==> flow/design.v <==
module mem #(
  parameter ENTRIES = 12,
  parameter BITS = 10,
  parameter NR = 6,
  parameter AWIDTH = $clog2(ENTRIES)
) (
  input  wire CLK,
  input  wire in_write,
  input  wire [AWIDTH-1:0] in_wr_addr,
  input  wire [BITS-1:0] in_write_data,
  input  wire [NR*AWIDTH-1:0] in_read_addr,
  output wire [NR*BITS-1:0] out_rd
);
  reg write_d1;
  reg [AWIDTH-1:0] wr_addr_d1;
  reg [BITS-1:0] write_data_d1;
  always @(posedge CLK) begin
    write_d1 <= in_write;
    wr_addr_d1 <= in_wr_addr;
    write_data_d1 <= in_write_data;
  end
  reg [ENTRIES*BITS-1:0] array;
  genvar ii;
  generate
    for (ii = 0; ii < ENTRIES; ii = ii + 1) begin : slice
      always @(posedge CLK)
        if (write_d1 && wr_addr_d1 == ii) array[ii*BITS +: BITS] <= write_data_d1;
    end
  endgenerate
  reg [NR*AWIDTH-1:0] read_addr_d1;
  always @(posedge CLK) begin
    read_addr_d1 <= in_read_addr;
  end
  reg [NR*BITS-1:0] val;
  integer m;
  integer t;
  always @(*) begin
    val = 0;
    for (m = 0; m < NR; m = m + 1) begin
      for (t = 0; t < ENTRIES; t = t + 1)
        val[m*BITS +: BITS] = val[m*BITS +: BITS] | (array[t*BITS +: BITS] & {BITS{read_addr_d1[m*AWIDTH +: AWIDTH] == t}});
    end
  end
  assign out_rd = val;
endmodule
# Reports on mem
# What the tools print for mem, step after step.
# Line numbers count from 1 in the design file above.
# Operators carry their Yosys type and port widths (W data, S select, Z words).
# Library cell names are shortened.
# Not given: -
[setup] top_module="mem" clk_port="CLK" library="sky130hd" corner="tt_025C_1v80"

# Elaborated design
# Yosys after proc, flatten, opt, wreduce and memory -nomap, before mapping. Enables and synchronous resets that opt folds into registers are not counted as muxes. Memory bits, and registers merged into a memory's read port (data or address), are not among the register bits. Print and check cells are not counted. Equal cells are merged and count once.
[bits] inputBits=40 register_bits=159 word_cells=250
[op_classes] n_reduce_logical=19 logic=138 n_eq=77
[ops] cell="$and A10 B10 Y10" count=72
[ops] cell="$or A10 B10 Y10" count=66
[ops] cell="$eq A4 B3 Y1 const B" count=28
[ops] cell="$eq A4 B4 Y1 const B" count=28
[ops] cell="$eq A4 B2 Y1 const B" count=14
[ops] cell="$eq A4 B1 Y1 const B" count=7
[ops] cell="$logic_not A4 Y1" count=7
[ops] cell="$logic_and A1 B1 Y1" count=12

# Logic depth
# Longest topological path by Yosys (ltp), each cell counted once; first at word level (registers and memories cut), then after technology mapping (sequential cells cut; the memories' decode and read muxes count).
[logic_depth] depth_word=13 abc_area=0 ltp_mapped=7 depth_no_buf=4

# Mapped cells and area
# The flow's flattened synthesis, as Yosys stat reports it; memories are mapped. The netlist is that of the ABC_AREA named above (0 if unset); the other value can give another one.
[synth_totals] n_buf=105 seq_area_um2=4384.2 cells=1112 ffs=159 area_um2=11318.4
[types] type="edfxtp_1" count=120
[types] type="dfxtp_1" count=39
[types] type="a22oi_1" count=77
[types] type="mux2i_1" count=53
[types] type="mux2_2" count=47
[types] type="mux4_2" count=17
[types] type="a22o_1" count=42
[types] type="buf_2" count=63
[types] type="a221oi_1" count=35
[types] type="nor2b_1" count=48
[types] type="a32oi_1" count=27
[types] type="nor2_1" count=54
[types] type="nand2_1" count=52
[types] type="nand3_1" count=31
[types] type="a211o_1" count=15
[types] type="a31oi_1" count=21
[types] type="a21oi_1" count=25
[types] type="o32ai_1" count=14
# Other cell types: 61; their cells: 332.

# Worst setup path after synthesis
# Source: OpenSTA report_checks on the synthesized netlist (no wires, ideal clock, input and output delay 20% of the period each), path of least setup slack; recovery checks are left aside. Register names are those of the netlist, which keeps one name where synthesis merged equal registers.
[synth_timing] kind="register to output" start="register array[32]" end="output out_rd[12]" arrival_time_ps=1510 setup_slack_ps=426 driving_pins=5 required_ps=1936 launch_ps=0 out_delay_ps=484 delay_ps=1510 clock_period_ps=2420 period_less_setup_slack_ps=1994
# "delay_ps" = arrival - input delay + setup time.
# At an output port there is no setup time.
# "driving_pins" counts driving pins, that of a launching flip-flop among them; a cell with two outputs on the path counts twice.
# "period_less_setup_slack_ps" is the clock period less the worst setup slack; recovery checks do not enter. This is arithmetic on one report: input and output delays are still those of the set period (20% each).
# The rows between start and end are the longest chain of elaborated cells between them; the timing report does not say that the signal goes this way. Where chains are equally long, one stands for them.
# Each line given opens the expression or statement behind the cell; cells for indexed reads and writes are added by Yosys, which also makes memories of some case tables.
[synth_between] cell_sequence="edfxtp_1 -> mux2_4 -> a221oi_2 -> nor3_1 -> or4_1" elab_chain_cells=10 cells_between=10 lines_between=1 cone_classes="logic (10)"
[synth_lines] element="start, declared" line=22 source="reg [ENTRIES*BITS-1:0] array;"
[synth_lines] element="start, assigned" line=27 source="if (write_d1 && wr_addr_d1 == ii) array[ii*BITS +: BITS] <= write_data_d1;"
[synth_lines] element="$and A10 B10 Y10" line=41 source="val[m*BITS +: BITS] = val[m*BITS +: BITS] | (array[t*BITS +: BITS] & {BITS{read_addr_d1[m*AWIDTH +: AWIDTH] == ..."
[synth_lines] element="$or A10 B10 Y10 (9 in a row)" line=41
[synth_lines] element="end, declared" line=12 source="output wire [NR*BITS-1:0] out_rd"

# Path in the finished layout
# Path of least setup slack in the final report of run A (OpenROAD, finished layout, wires in). Where an end is a register, its clock arrival counts in the times.
# The report prints the path's times to 10 ps; the period is as set.
[layout_timing] kind="register to output" start="register array[32]" end="output out_rd[12]" out_delay_ps=480 launch_ps=450 clock_period_ps=2420 required_ps=1940 arrival_time_ps=2180 setup_slack_ps=-250 driving_pins=6
# The rows between start and end are the longest chain of elaborated cells between them; the timing report does not say that the signal goes this way. Where chains are equally long, one stands for them.
[layout_between] cell_sequence="edfxtp_1 -> mux2_4 -> a221oi_2 -> nor3_1 -> or4_1 -> buf_2" elab_chain_cells=10 cells_between=10 lines_between=1 cone_classes="logic (10)"
[layout_lines] element="start, declared" line=22 source="reg [ENTRIES*BITS-1:0] array;"
[layout_lines] element="start, assigned" line=27 source="if (write_d1 && wr_addr_d1 == ii) array[ii*BITS +: BITS] <= write_data_d1;"
[layout_lines] element="$and A10 B10 Y10" line=41 source="val[m*BITS +: BITS] = val[m*BITS +: BITS] | (array[t*BITS +: BITS] & {BITS{read_addr_d1[m*AWIDTH +: AWIDTH] == ..."
[layout_lines] element="$or A10 B10 Y10 (9 in a row)" line=41
[layout_lines] element="end, declared" line=12 source="output wire [NR*BITS-1:0] out_rd"

Module mem, platform sky130hd: 3 stored runs of the flow (Yosys, OpenROAD) with differing settings, in no particular order. Input and output delays are each 20% of the period that was set; the output load is 0.01 pF.
By "achieved clock period" is meant the clock period of the run minus its worst setup slack. This is arithmetic on one report: input and output delays are still those of the set period (20% each).
"power" rests on the timing tool's default activity at the inputs, not on a simulated workload.
[run A] settings: period_ns=2.42, CAP_MARGIN=20, CORE_MARGIN=2, CORE_UTILIZATION=40, SLEW_MARGIN=20
[run A] result: chip area after synthesis (Yosys) 11318.4 um^2, die area 29658.0 um^2, utilization 72.2 %, worst setup slack after layout -245 ps, power 0.008553 W, achieved clock period 2665 ps
[run B] settings: period_ns=1.7, CORE_UTILIZATION=50, SETUP_SLACK_MARGIN=-0.07, PLACE_DENSITY_LB_ADDON=0.23, CORE_ASPECT_RATIO=0.62, CORE_MARGIN=8, CELL_PAD_IN_SITES_GLOBAL_PLACEMENT=2, CELL_PAD_IN_SITES_DETAIL_PLACEMENT=2, TNS_END_PERCENT=75, ABC_AREA=1, CTS_CLUSTER_SIZE=69, CAP_MARGIN=35, SLEW_MARGIN=20
[run B] result: did not finish, placement stopped with FLW-0024
[run C] settings: period_ns=2.67, CORE_UTILIZATION=72, SETUP_SLACK_MARGIN=-0.05, PLACE_DENSITY_LB_ADDON=0.1, CORE_ASPECT_RATIO=1.21, ABC_AREA=1, CAP_MARGIN=20, MAX_ROUTING_LAYER=met5, CORE_MARGIN=2, SLEW_MARGIN=20
[run C] result: did not finish, routing stopped with GRT-0116
